==> flow/design.v <==
module my_shifter #(
  parameter DATA_WIDTH = 128,
  parameter LOGN = $clog2(DATA_WIDTH)
) (
  input  wire clk,
  input  wire i_rst_n,
  input  wire enable,
  input  wire [DATA_WIDTH-1:0] bus,
  input  wire [LOGN-1:0] n,
  input  wire [1:0] fn,
  output reg [DATA_WIDTH-1:0] data_out
);
  reg [DATA_WIDTH-1:0] bus_d1;
  reg [LOGN-1:0] n_d1;
  reg [1:0] fn_d1;
  always @(posedge clk or negedge i_rst_n) begin
    if (~i_rst_n) begin
      bus_d1 <= 0;
      n_d1 <= 0;
      fn_d1 <= 0;
    end else if (enable) begin
      bus_d1 <= bus;
      n_d1 <= n;
      fn_d1 <= fn;
    end
  end
  reg [DATA_WIDTH-1:0] tmp;
  always @(*) begin
    case (fn_d1)
      2'b00: tmp = bus_d1 << n_d1;
      2'b01: tmp = bus_d1 >> n_d1;
      2'b10: tmp = $signed(bus_d1) >>> n_d1;
      default: tmp = bus_d1;
    endcase
  end
  always @(posedge clk or negedge i_rst_n) begin
    if (~i_rst_n) begin
      data_out <= 0;
    end else if (enable) begin
      data_out <= tmp;
    end
  end
endmodule
* Step by step through the tools: my_shifter
The steps from the RTL of my_shifter to its reports follow in flow order.
Lines are those of the file above, counted from 1.
Operators: Yosys type, input widths -> output width; for muxes data width and select width s.
Library cell names are shortened.
Not given: n/a
- Top :: my_shifter
- Clock :: clk
- Library :: sky130hd
- Timing corner :: tt_025C_1v80

* Word-level counts
Source: Yosys, flattened and elaborated, memories not mapped. Widths are those after wreduce; folded enables and synchronous resets count as part of the registers. Registers that Yosys merges into a memory's read port (data or address) are not register bits. Print and check cells do not count. Equal cells are merged and count once.
- Eq/ne operators :: 2
- Shift-type cells :: 3
- Mux-type cells :: 1
- Reduce/logical cells :: 1
** Operators by type and width (count)
- $pmux 128 s3 :: 1
- $shl 128x7->128 :: 1
- $shr 128x7->128 :: 1
- $sshr 128x7->128 :: 1
- $eq 2x1->1 const B :: 1
- $eq 2x2->1 const B :: 1
- $logic_not 2->1 :: 1
- Register bits :: 265
- Bits of input ports :: 140
- Output and inout port bits :: 128
- Elaborated cells :: 11

* Depth
Yosys ltp: most cells in a row. Word level: on the elaborated netlist, between registers, memories and ports. Mapped: between sequential cells and ports; inverters and the memories' decode and read muxes count.
- Word-level depth :: 2
- ABC_AREA :: 0
- Gate-level depth with buffers :: 14
- Gate-level depth less buffers :: 7

* Synthesis result
Yosys stat after the flow's synthesis: flattened, memories mapped to cells. It holds for the ABC_AREA given above (unset counts as 0); a run with the other value may have another netlist.
- Cell count :: 3639
- Mapped area :: 33927.5 µm²
- Mapped flip-flops :: 265
** Cells by type
- mux4_2 :: count 342, total area 7.7E+03 µm²
- dfrtp_1 :: count 265, total area 6631.36 µm²
- mux2_2 :: count 308, total area 3.47E+03 µm²
- mux2i_1 :: count 241, total area 2.41E+03 µm²
- nand2_1 :: count 332, total area 1.25E+03 µm²
- nor2_1 :: count 332, total area 1.25E+03 µm²
- o21ai_0 :: count 219, total area 1.1E+03 µm²
- clkbuf_1 :: count 291, total area 1.09E+03 µm²
- a21oi_1 :: count 202, total area 1010.97 µm²
- a211oi_1 :: count 76, total area 570.547 µm²
- o22ai_1 :: count 74, total area 462.944 µm²
- o221ai_1 :: count 52, total area 455.437 µm²
- buf_2 :: count 83, total area 415.398 µm²
- o211ai_1 :: count 49, total area 367.853 µm²
- or3_1 :: count 53, total area 331.568 µm²
- a221oi_1 :: count 36, total area 315.302 µm²
- a31oi_1 :: count 47, total area 294.032 µm²
- o2bb2ai_1 :: count 31, total area 271.51 µm²
Not listed: further types 76, cells in them 606.

* Timing after synthesis
Source: OpenSTA report_checks on the synthesized netlist (no wires, ideal clock, input and output delay 20% of the period each), path of least setup slack; recovery checks are left aside. Register names are those of the netlist, which keeps one name where synthesis merged equal registers.
- Path kind :: register to register
- Start point :: register n_d1[0]
- End point :: register data_out[83]
- Period :: 3590 ps
- Setup time :: 126 ps
- Time at the first pin :: 0 ps
- Arrival :: 2744 ps
- Data required time :: 3464 ps
- Slack :: 720 ps
- Delay of the path :: 2870 ps
- Stages on the path :: 10
- Path buffers :: 2
- Period reached after synthesis :: 2870 ps
"delay of the path" = arrival - input delay + setup time.
"stages on the path" counts driving pins, that of a launching flip-flop among them; a cell with two outputs on the path counts twice.
"period reached after synthesis" = period - worst setup slack (recovery checks aside). The figure is calculated, with input and output delays left at 20% of the set period.
The rows between start and end are the longest chain of elaborated cells between them; the timing report does not say that the signal goes this way. Where chains are equally long, one stands for them.
A line is the first line of the expression or statement that the cell stems from. Yosys adds cells for indexed reads and writes and turns some case tables into memories.
- Path through :: dfrtp_1 -> buf_6 -> buf_2 -> mux4_2 -> mux2_1 -> o21ai_0 -> a2bb2oi_2 -> o22ai_1 -> or4_1 -> a221o_1
- Length of the longest elaborated chain :: 2
** RTL lines, path post-synthesis
- start: declaration :: RTL line 14 : reg [LOGN-1:0] n_d1;
- start: assignment :: RTL line 19 : n_d1 <= 0;
- start: assignment :: RTL line 23 : n_d1 <= n;
- $sshr 128x7->128 :: RTL line 32 : 2'b10: tmp = $signed(bus_d1) >>> n_d1;
- $pmux 128 s3 :: RTL line 29 : case (fn_d1)
- end: assignment :: RTL line 38 : data_out <= 0;
- end: assignment :: RTL line 40 : data_out <= tmp;
- end: declaration :: RTL line 11 : output reg [DATA_WIDTH-1:0] data_out

* Path in the finished layout
Path of least setup slack in the final report of flow run 1 (OpenROAD, finished layout, wires in). Where an end is a register, its clock arrival counts in the times.
The report prints the path's times to 10 ps; the period is as set.
- Path kind :: register to register
- Start point :: register bus_d1[81]
- End point :: register data_out[17]
- Period :: 3590 ps
- Setup time :: 130 ps
- Time at the first pin :: 650 ps
- Arrival :: 4230 ps
- Data required time :: 4080 ps
- Slack :: -160 ps
- Stages on the path :: 11
- Path buffers :: 3
- Path through :: dfrtp_1 -> buf_4 -> mux4_2 -> mux2i_1 -> mux2_2 -> a221o_1 -> o211ai_1 -> buf_4 -> o221ai_1 -> buf_4 -> o21ai_0
** RTL lines, path after layout
- start: declaration :: RTL line 13 : reg [DATA_WIDTH-1:0] bus_d1;
- start: assignment :: RTL line 18 : bus_d1 <= 0;
- start: assignment :: RTL line 22 : bus_d1 <= bus;
- end: assignment :: RTL line 38 : data_out <= 0;
- end: assignment :: RTL line 40 : data_out <= tmp;
- end: declaration :: RTL line 11 : output reg [DATA_WIDTH-1:0] data_out
Chain of elaborated cells between the ends: none given.

==> runs of my_shifter <==
Measured data: module my_shifter, platform sky130hd, 3 stored runs of the flow under differing settings, order arbitrary. Input and output delays are each 20% of the period that was set; the output load is 0.01 pF.
"achieved period": clock period set for the run, less the worst setup slack. It is reckoned from that one timing run; input and output delays stay at 20% of the period that was set.
By "allowed time less slack (worst setup path)" is meant the share of the clock period that the worst setup path is allowed (20% is reserved at inputs, 20% at outputs), minus its slack. Clock arrival times at its registers enter into it.
"power consumption" is the tool's figure for a default switching activity; nothing was simulated.
"allowed time less slack (worst setup path)" is known to 10 ps.

** Flow run 1
- Settings :: period_ns=3.59; CAP_MARGIN=20; CORE_MARGIN=2; CORE_UTILIZATION=40; SLEW_MARGIN=20
- Area of the synthesized netlist :: 33927.5 µm²
- Power consumption :: 24.609 mW
- Achieved period :: 3748 ps
- Setup slack of the worst path :: -158 ps
- Allowed time less slack (worst setup path) :: 3750 ps
- Worst path kind :: register to register
- Die size :: 87163.7 µm²
- Area of the standard cells in the finished layout :: 44710.4 µm²

** Flow run 2
- Settings :: period_ns=2.91; CORE_UTILIZATION=32; SETUP_SLACK_MARGIN=0.58; TNS_END_PERCENT=80; ABC_AREA=0; MIN_ROUTING_LAYER=met2; CAP_MARGIN=20; CORE_MARGIN=2; SLEW_MARGIN=20
- Outcome :: no results, routing failed with GRT-0116

** Flow run 3
- Settings :: period_ns=3.12; CORE_UTILIZATION=46; SETUP_SLACK_MARGIN=0.41; PLACE_DENSITY_LB_ADDON=0.27; CORE_ASPECT_RATIO=0.8; CELL_PAD_IN_SITES_DETAIL_PLACEMENT=2; ABC_AREA=0; GPL_TIMING_DRIVEN=1; GPL_ROUTABILITY_DRIVEN=0; CTS_CLUSTER_SIZE=97; SLEW_MARGIN=40; MIN_ROUTING_LAYER=met1; CAP_MARGIN=20; CORE_MARGIN=2
- Outcome :: no results, placement failed with DPL-0033
